==> flow/design.v <==
module la4 (
    input wire [3:0] a,
    input wire [3:0] b,
    input wire ci,
    output wire [3:0] s,
    output wire co
);
    wire [3:0] g = a & b;
    wire [3:0] p = a ^ b;
    wire c1 = g[0] | (p[0] & ci);
    wire c2 = g[1] | (p[1] & g[0]) | (p[1] & p[0] & ci);
    wire c3 = g[2] | (p[2] & g[1]) | (p[2] & p[1] & g[0]) | (p[2] & p[1] & p[0] & ci);
    assign co = g[3] | (p[3] & g[2]) | (p[3] & p[2] & g[1]) | (p[3] & p[2] & p[1] & g[0]) | (&p & ci);
    assign s = p ^ {c3, c2, c1, ci};
endmodule
module gen_add_blk #(
    parameter integer W = 36
) (
    input wire ck,
    input wire [W-1:0] dataa_in,
    input wire [W-1:0] datab_in,
    input wire cy_in_in,
    output reg [W-1:0] o_out,
    output reg carry_out_out
);
    reg [W-1:0] dataa_r;
    reg [W-1:0] datab_r;
    reg cy_in_r;
    always @(posedge ck) begin
        dataa_r <= dataa_in;
        datab_r <= datab_in;
        cy_in_r <= cy_in_in;
    end
    localparam SLICES = W / 4;
    wire [W-1:0] tmp;
    wire [SLICES:0] cy;
    assign cy[0] = cy_in_r;
    genvar i;
    generate
        for (i = 0; i < SLICES; i = i + 1) begin : row
            la4 inst (.a(dataa_r[4*i +: 4]), .b(datab_r[4*i +: 4]), .ci(cy[i]), .s(tmp[4*i +: 4]), .co(cy[i+1]));
        end
    endgenerate
    always @(posedge ck) begin
        o_out <= tmp;
        carry_out_out <= cy[SLICES];
    end
endmodule
Hand-over note for gen_add_blk

[Tool chain data of gen_add_blk]
A sweep over "W": the same steps for each member of the family.
The RTL above is that of W 36; lines are counted from 1 in the file of the member named.
Operators: Yosys type, input widths -> output width; for muxes data width and select width s.
Library cell names are shortened.
Not given: n/a
Set-up
  top: gen_add_blk
  clock: ck
  library: sky130hd
  timing corner: tt_025C_1v80

[Source of the members]
New or changed lines of each further member against the RTL above, in its own file; lines it lacks are not shown.
New or changed lines
  W 56: RTL line 17  | parameter integer W = 56
  W 72: RTL line 17  | parameter integer W = 72
  W 80: RTL line 17  | parameter integer W = 80
  W 112: RTL line 17  | parameter integer W = 112
  W 128: RTL line 17  | parameter integer W = 128

[Elaborated design]
Yosys after proc, flatten, opt, wreduce and memory -nomap, before mapping. Enables and synchronous resets that opt folds into registers are not counted as muxes. Memory bits, and registers merged into a memory's read port (data or address), are not among the register bits. Print and check cells are not counted. Equal cells are merged and count once.
Operators by class
  W 36: bitwise operators 252, reduce/logical cells 9
  W 56: bitwise operators 392, reduce/logical cells 14
  W 72: bitwise operators 504, reduce/logical cells 18
  W 80: bitwise operators 560, reduce/logical cells 20
  W 112: bitwise operators 784, reduce/logical cells 28
  W 128: bitwise operators 896, reduce/logical cells 32
Operators by type and width (kind and count)
  W 36: $and 1x1->1 (135); $or 1x1->1 (90); $xor 4x4->4 (18); $and 4x4->4 (9); $reduce_and 4->1 (9)
  W 56: $and 1x1->1 (210); $or 1x1->1 (140); $xor 4x4->4 (28); $and 4x4->4 (14); $reduce_and 4->1 (14)
  W 72: $and 1x1->1 (270); $or 1x1->1 (180); $xor 4x4->4 (36); $and 4x4->4 (18); $reduce_and 4->1 (18)
  W 80: $and 1x1->1 (300); $or 1x1->1 (200); $xor 4x4->4 (40); $and 4x4->4 (20); $reduce_and 4->1 (20)
  W 112: $and 1x1->1 (420); $or 1x1->1 (280); $xor 4x4->4 (56); $and 4x4->4 (28); $reduce_and 4->1 (28)
  W 128: $and 1x1->1 (480); $or 1x1->1 (320); $xor 4x4->4 (64); $and 4x4->4 (32); $reduce_and 4->1 (32)
Storage and ports
  W 36: register bits 110, bits of input ports 74, word-level cells 266
  W 56: register bits 170, bits of input ports 114, word-level cells 411
  W 72: register bits 218, bits of input ports 146, word-level cells 527
  W 80: register bits 242, bits of input ports 162, word-level cells 585
  W 112: register bits 338, bits of input ports 226, word-level cells 817
  W 128: register bits 386, bits of input ports 258, word-level cells 933

[Longest topological paths]
Longest topological path by Yosys (ltp), each cell counted once; first at word level (registers and memories cut), then after technology mapping (sequential cells cut; the memories' decode and read muxes count).
Logic depth
  W 36: word-level depth 23, ABC_AREA 0, mapped depth 10, mapped depth without buffers 10
  W 56: word-level depth 33, ABC_AREA 0, mapped depth 13, mapped depth without buffers 12
  W 72: word-level depth 41, ABC_AREA 0, mapped depth 12, mapped depth without buffers 12
  W 80: word-level depth 45, ABC_AREA 0, mapped depth 13, mapped depth without buffers 13
  W 112: word-level depth 61, ABC_AREA 0, mapped depth 14, mapped depth without buffers 14
  W 128: word-level depth 69, ABC_AREA 0, mapped depth 14, mapped depth without buffers 14

[Mapped cells and area]
Yosys stat after the flow's synthesis: flattened, memories mapped to cells. It holds for the ABC_AREA given above (unset counts as 0); a run with the other value may have another netlist.
Mapped netlist
  W 36: standard cells after synthesis 291, chip area (Yosys) 3748.6 µm², sequential part of the area 2202.1 µm², flip-flop cells 110, buffer cells 0
  W 56: standard cells after synthesis 480, chip area (Yosys) 5884.4 µm², sequential part of the area 3403.3 µm², flip-flop cells 170, buffer cells 1
  W 72: standard cells after synthesis 627, chip area (Yosys) 7654.8 µm², sequential part of the area 4364.2 µm², flip-flop cells 218, buffer cells 0
  W 80: standard cells after synthesis 678, chip area (Yosys) 8409.3 µm², sequential part of the area 4844.6 µm², flip-flop cells 242, buffer cells 0
  W 112: standard cells after synthesis 934, chip area (Yosys) 11576.1 µm², sequential part of the area 6766.5 µm², flip-flop cells 338, buffer cells 0
  W 128: standard cells after synthesis 1119, chip area (Yosys) 13549.2 µm², sequential part of the area 7727.4 µm², flip-flop cells 386, buffer cells 2
Cell types (types with counts)
  W 36: dfxtp_1 (110); ha_1 (36); fa_1 (9); xor2_1 (16); a21oi_1 (20); xnor2_1 (10); a21o_1 (11); inv_1 (13); nand2_1 (11); o21ai_0 (8); nand4_1 (5); nor2_1 (7); a31oi_4 (1); nand3b_4 (1); a21oi_2 (2); a31o_4 (1); a221oi_2 (1); nand3b_1 (2); [+27]
  W 56: dfxtp_1 (170); ha_1 (56); fa_1 (14); xor2_1 (19); a21o_1 (22); xnor2_1 (17); a21oi_1 (28); nand2_1 (20); nor2_1 (20); inv_1 (15); o21ai_0 (10); nand4_1 (7); nand3_1 (8); nand2b_1 (6); nor3_1 (6); o21bai_1 (4); a21oi_2 (3); a31oi_1 (4); [+51]
  W 72: dfxtp_1 (218); ha_1 (72); fa_1 (18); xor2_1 (27); a21oi_1 (46); xnor2_1 (17); inv_1 (33); nand2_1 (27); a21o_1 (12); o21ai_0 (14); nor3_1 (13); nand4_1 (10); nor2_1 (16); o21bai_1 (8); nand2b_1 (8); o21a_1 (6); a211oi_1 (5); o31ai_2 (3); [+74]
  W 80: dfxtp_1 (242); ha_1 (80); fa_1 (20); a21oi_1 (49); xor2_1 (27); xnor2_1 (26); a21o_1 (20); o21ai_0 (25); nor2_1 (26); nand2_1 (23); inv_1 (22); nand4_1 (12); nor3_1 (14); a2111oi_2 (3); o21bai_1 (6); nand3_1 (8); a211oi_1 (5); nand2b_1 (6); [+64]
  W 112: dfxtp_1 (338); ha_1 (112); fa_1 (28); xor2_1 (43); a21oi_1 (72); xnor2_1 (35); a21o_1 (28); nand2_1 (50); nor2_1 (38); o21ai_0 (27); inv_1 (28); nand4_1 (15); o21bai_1 (11); nand3_1 (12); o21a_1 (8); nor3_1 (8); and4_1 (4); o21ai_1 (7); [+70]
  W 128: dfxtp_1 (386); ha_1 (128); fa_1 (32); xnor2_1 (45); xor2_1 (45); a21oi_1 (76); a21o_1 (29); nor2_1 (48); nand2_1 (44); o21ai_0 (32); nand4_1 (24); inv_1 (39); o21bai_1 (16); nor2b_1 (13); nor3_1 (15); o21a_1 (9); nand3_1 (13); and2_1 (9); [+116]
The mark [+n] counts cells that are not listed.
The figures by module come from a second, unflattened synthesis with its own total; it is not the netlist above.
Second synthesis, totals
  W 36: cell total of the unflattened synthesis 263, area total of the unflattened synthesis 3530.9 µm²
  W 56: cell total of the unflattened synthesis 408, area total of the unflattened synthesis 5470.2 µm²
  W 72: cell total of the unflattened synthesis 524, area total of the unflattened synthesis 7021.7 µm²
  W 80: cell total of the unflattened synthesis 582, area total of the unflattened synthesis 7797.5 µm²
  W 112: cell total of the unflattened synthesis 814, area total of the unflattened synthesis 10900.5 µm²
  W 128: cell total of the unflattened synthesis 930, area total of the unflattened synthesis 12451.9 µm²

[Path before layout]
Source: OpenSTA report_checks on the synthesized netlist (no wires, ideal clock, input and output delay 20% of the period each), path of least setup slack; recovery checks are left aside. Register names are those of the netlist, which keeps one name where synthesis merged equal registers.
Path post-synthesis
  W 36: kind register -> register, from register dataa_r[2], to register o_out[33], clock period 3240 ps, slack 646 ps, stages 11, path delay 2593 ps, period reached after synthesis 2594 ps
  W 56: kind register -> register, from register dataa_r[29], to register o_out[53], clock period 3390 ps, slack 674 ps, stages 13, path delay 2716 ps, period reached after synthesis 2716 ps
  W 72: kind register -> register, from register dataa_r[43], to register o_out[65], clock period 3540 ps, slack 706 ps, stages 12, path delay 2834 ps, period reached after synthesis 2834 ps
  W 80: kind register -> register, from register dataa_r[0], to register o_out[65], clock period 3640 ps, slack 730 ps, stages 14, path delay 2910 ps, period reached after synthesis 2910 ps
  W 112: kind register -> register, from register dataa_r[0], to register o_out[105], clock period 3930 ps, slack 790 ps, stages 15, path delay 3140 ps, period reached after synthesis 3140 ps
  W 128: kind register -> register, from register dataa_r[0], to register o_out[125], clock period 4380 ps, slack 877 ps, stages 14, path delay 3503 ps, period reached after synthesis 3503 ps
"path delay" = arrival - input delay + setup time.
"stages": output pins that drive a net of the path, with the launching flip-flop's if there is one; two outputs of one cell count as two.
"period reached after synthesis" is the clock period less the worst setup slack; recovery checks do not enter. This is arithmetic on one report: input and output delays are still those of the set period (20% each).
Between the ends stands the longest chain of elaborated cells between them, by number of cells; it is not shown to be the way that was timed. Of several equally long chains one is given.
Each line given opens the expression or statement behind the cell; cells for indexed reads and writes are added by Yosys, which also makes memories of some case tables.
On the way, post-synthesis, W 36
  length of the longest elaborated chain: 23
Ends and longest elaborated chain, post-synthesis, W 36
  from (decl): RTL line 26  | reg [W-1:0] dataa_r;
  from (assign): RTL line 30  | dataa_r <= dataa_in;
  $and 4x4->4: RTL line 8  | wire [3:0] g = a & b;
  $and 1x1->1: RTL line 13  | assign co = g[3] | (p[3] & g[2]) | (p[3] & p[2] & g[1]) | (p[3] & p[2] & p[1] & g[0]) | (&p & ci);
  $or 1x1->1 (4 in a row): RTL line 13
  $and 1x1->1: RTL line 13
  $or 1x1->1: RTL line 13
  $and 1x1->1: RTL line 13
  $or 1x1->1: RTL line 13
  [6 not listed]
  $and 1x1->1: RTL line 13
  $or 1x1->1: RTL line 13
  $and 1x1->1: RTL line 13
  $or 1x1->1: RTL line 13
  $and 1x1->1: RTL line 10  | wire c1 = g[0] | (p[0] & ci);
  $or 1x1->1: RTL line 10
  $xor 4x4->4: RTL line 14  | assign s = p ^ {c3, c2, c1, ci};
  to (assign): RTL line 45  | o_out <= tmp;
  to (decl): RTL line 23  | output reg [W-1:0] o_out,
On the way, post-synthesis, W 128
  length of the longest elaborated chain: 67
Ends and longest elaborated chain, post-synthesis, W 128
  from (decl): RTL line 26  | reg [W-1:0] dataa_r;
  from (assign): RTL line 30  | dataa_r <= dataa_in;
  $and 4x4->4: RTL line 8  | wire [3:0] g = a & b;
  $and 1x1->1: RTL line 13  | assign co = g[3] | (p[3] & g[2]) | (p[3] & p[2] & g[1]) | (p[3] & p[2] & p[1] & g[0]) | (&p & ci);
  $or 1x1->1 (2 in a row): RTL line 13
  $and 1x1->1: RTL line 13
  $or 1x1->1: RTL line 13
  $and 1x1->1: RTL line 13
  $or 1x1->1: RTL line 13
  [52 not listed]
  $and 1x1->1: RTL line 13
  $or 1x1->1: RTL line 13
  $and 1x1->1: RTL line 13
  $or 1x1->1: RTL line 13
  $and 1x1->1: RTL line 10  | wire c1 = g[0] | (p[0] & ci);
  $or 1x1->1: RTL line 10
  $xor 4x4->4: RTL line 14  | assign s = p ^ {c3, c2, c1, ci};
  to (assign): RTL line 45  | o_out <= tmp;
  to (decl): RTL line 23  | output reg [W-1:0] o_out,

[Timing after layout]
Path of least setup slack in the final report of each member's run (OpenROAD, finished layout, wires in). Where an end is a register, its clock arrival counts in the times.
The path's times are printed in steps of 10 ps; the period is the one set.
Path post-layout
  W 36: kind register -> register, from register dataa_r[2], to register o_out[33], clock period 3240 ps, slack 420 ps, stages 11, arrival 3080 ps, buffers on the path 0
  W 56: kind register -> register, from register dataa_r[29], to register o_out[53], clock period 3390 ps, slack 320 ps, stages 13, arrival 3390 ps, buffers on the path 0
  W 72: kind register -> register, from register dataa_r[17], to register o_out[45], clock period 3540 ps, slack 260 ps, stages 12, arrival 3660 ps, buffers on the path 0
  W 80: kind register -> register, from register dataa_r[0], to register o_out[69], clock period 3640 ps, slack 290 ps, stages 12, arrival 3760 ps, buffers on the path 0
  W 112: kind register -> register, from register dataa_r[37], to register o_out[105], clock period 3930 ps, slack 280 ps, stages 15, arrival 4050 ps, buffers on the path 0
  W 128: kind register -> register, from register dataa_r[33], to register o_out[81], clock period 4380 ps, slack 650 ps, stages 16, arrival 4140 ps, buffers on the path 1

[Layout results]
One run of the flow (Yosys, OpenROAD) for each member, with settings and measured results. Input and output delays are each 20% of the period that was set; the output load is 0.01 pF.
Flow settings
  CAP_MARGIN: 20
  CORE_MARGIN: 2
  CORE_UTILIZATION: 40
  SLEW_MARGIN: 20
Settings that differ (period_ns)
  W 36: 3.24
  W 56: 3.39
  W 72: 3.54
  W 80: 3.64
  W 112: 3.93
  W 128: 4.38
Measured results
  W 36: chip area after synthesis (Yosys) 3748.6 µm², overall die area 10161.6 µm², standard-cell area after routing 5193.7 µm², utilization in the final report 56.7%, worst setup slack after layout 420 ps, worst-case hold slack 549 ps, overall power 2.992 mW, reached clock period 2820 ps
  W 56: chip area after synthesis (Yosys) 5884.4 µm², overall die area 15697.6 µm², standard-cell area after routing 8441.9 µm², utilization in the final report 58.3%, worst setup slack after layout 318 ps, worst-case hold slack 542 ps, overall power 5.262 mW, reached clock period 3072 ps
  W 72: chip area after synthesis (Yosys) 7654.8 µm², overall die area 20259.3 µm², standard-cell area after routing 11043.1 µm², utilization in the final report 58.8%, worst setup slack after layout 264 ps, worst-case hold slack 546 ps, overall power 6.776 mW, reached clock period 3276 ps
  W 80: chip area after synthesis (Yosys) 8409.3 µm², overall die area 22199.5 µm², standard-cell area after routing 12060.3 µm², utilization in the final report 57.9%, worst setup slack after layout 286 ps, worst-case hold slack 539 ps, overall power 6.953 mW, reached clock period 3354 ps
  W 112: chip area after synthesis (Yosys) 11576.1 µm², overall die area 30317.8 µm², standard-cell area after routing 16615.9 µm², utilization in the final report 58.0%, worst setup slack after layout 281 ps, worst-case hold slack 536 ps, overall power 8.819 mW, reached clock period 3649 ps
  W 128: chip area after synthesis (Yosys) 13549.2 µm², overall die area 35360.9 µm², standard-cell area after routing 19394.9 µm², utilization in the final report 58.0%, worst setup slack after layout 650 ps, worst-case hold slack 540 ps, overall power 9.362 mW, reached clock period 3730 ps
By "reached clock period" is meant the clock period of the run minus its worst setup slack. This is arithmetic on one report: input and output delays are still those of the set period (20% each).
By "overall power" is meant OpenSTA's value without simulated activity: inputs other than the clock are taken to toggle once in ten clock periods, and the tool carries that through the logic.

End of note.
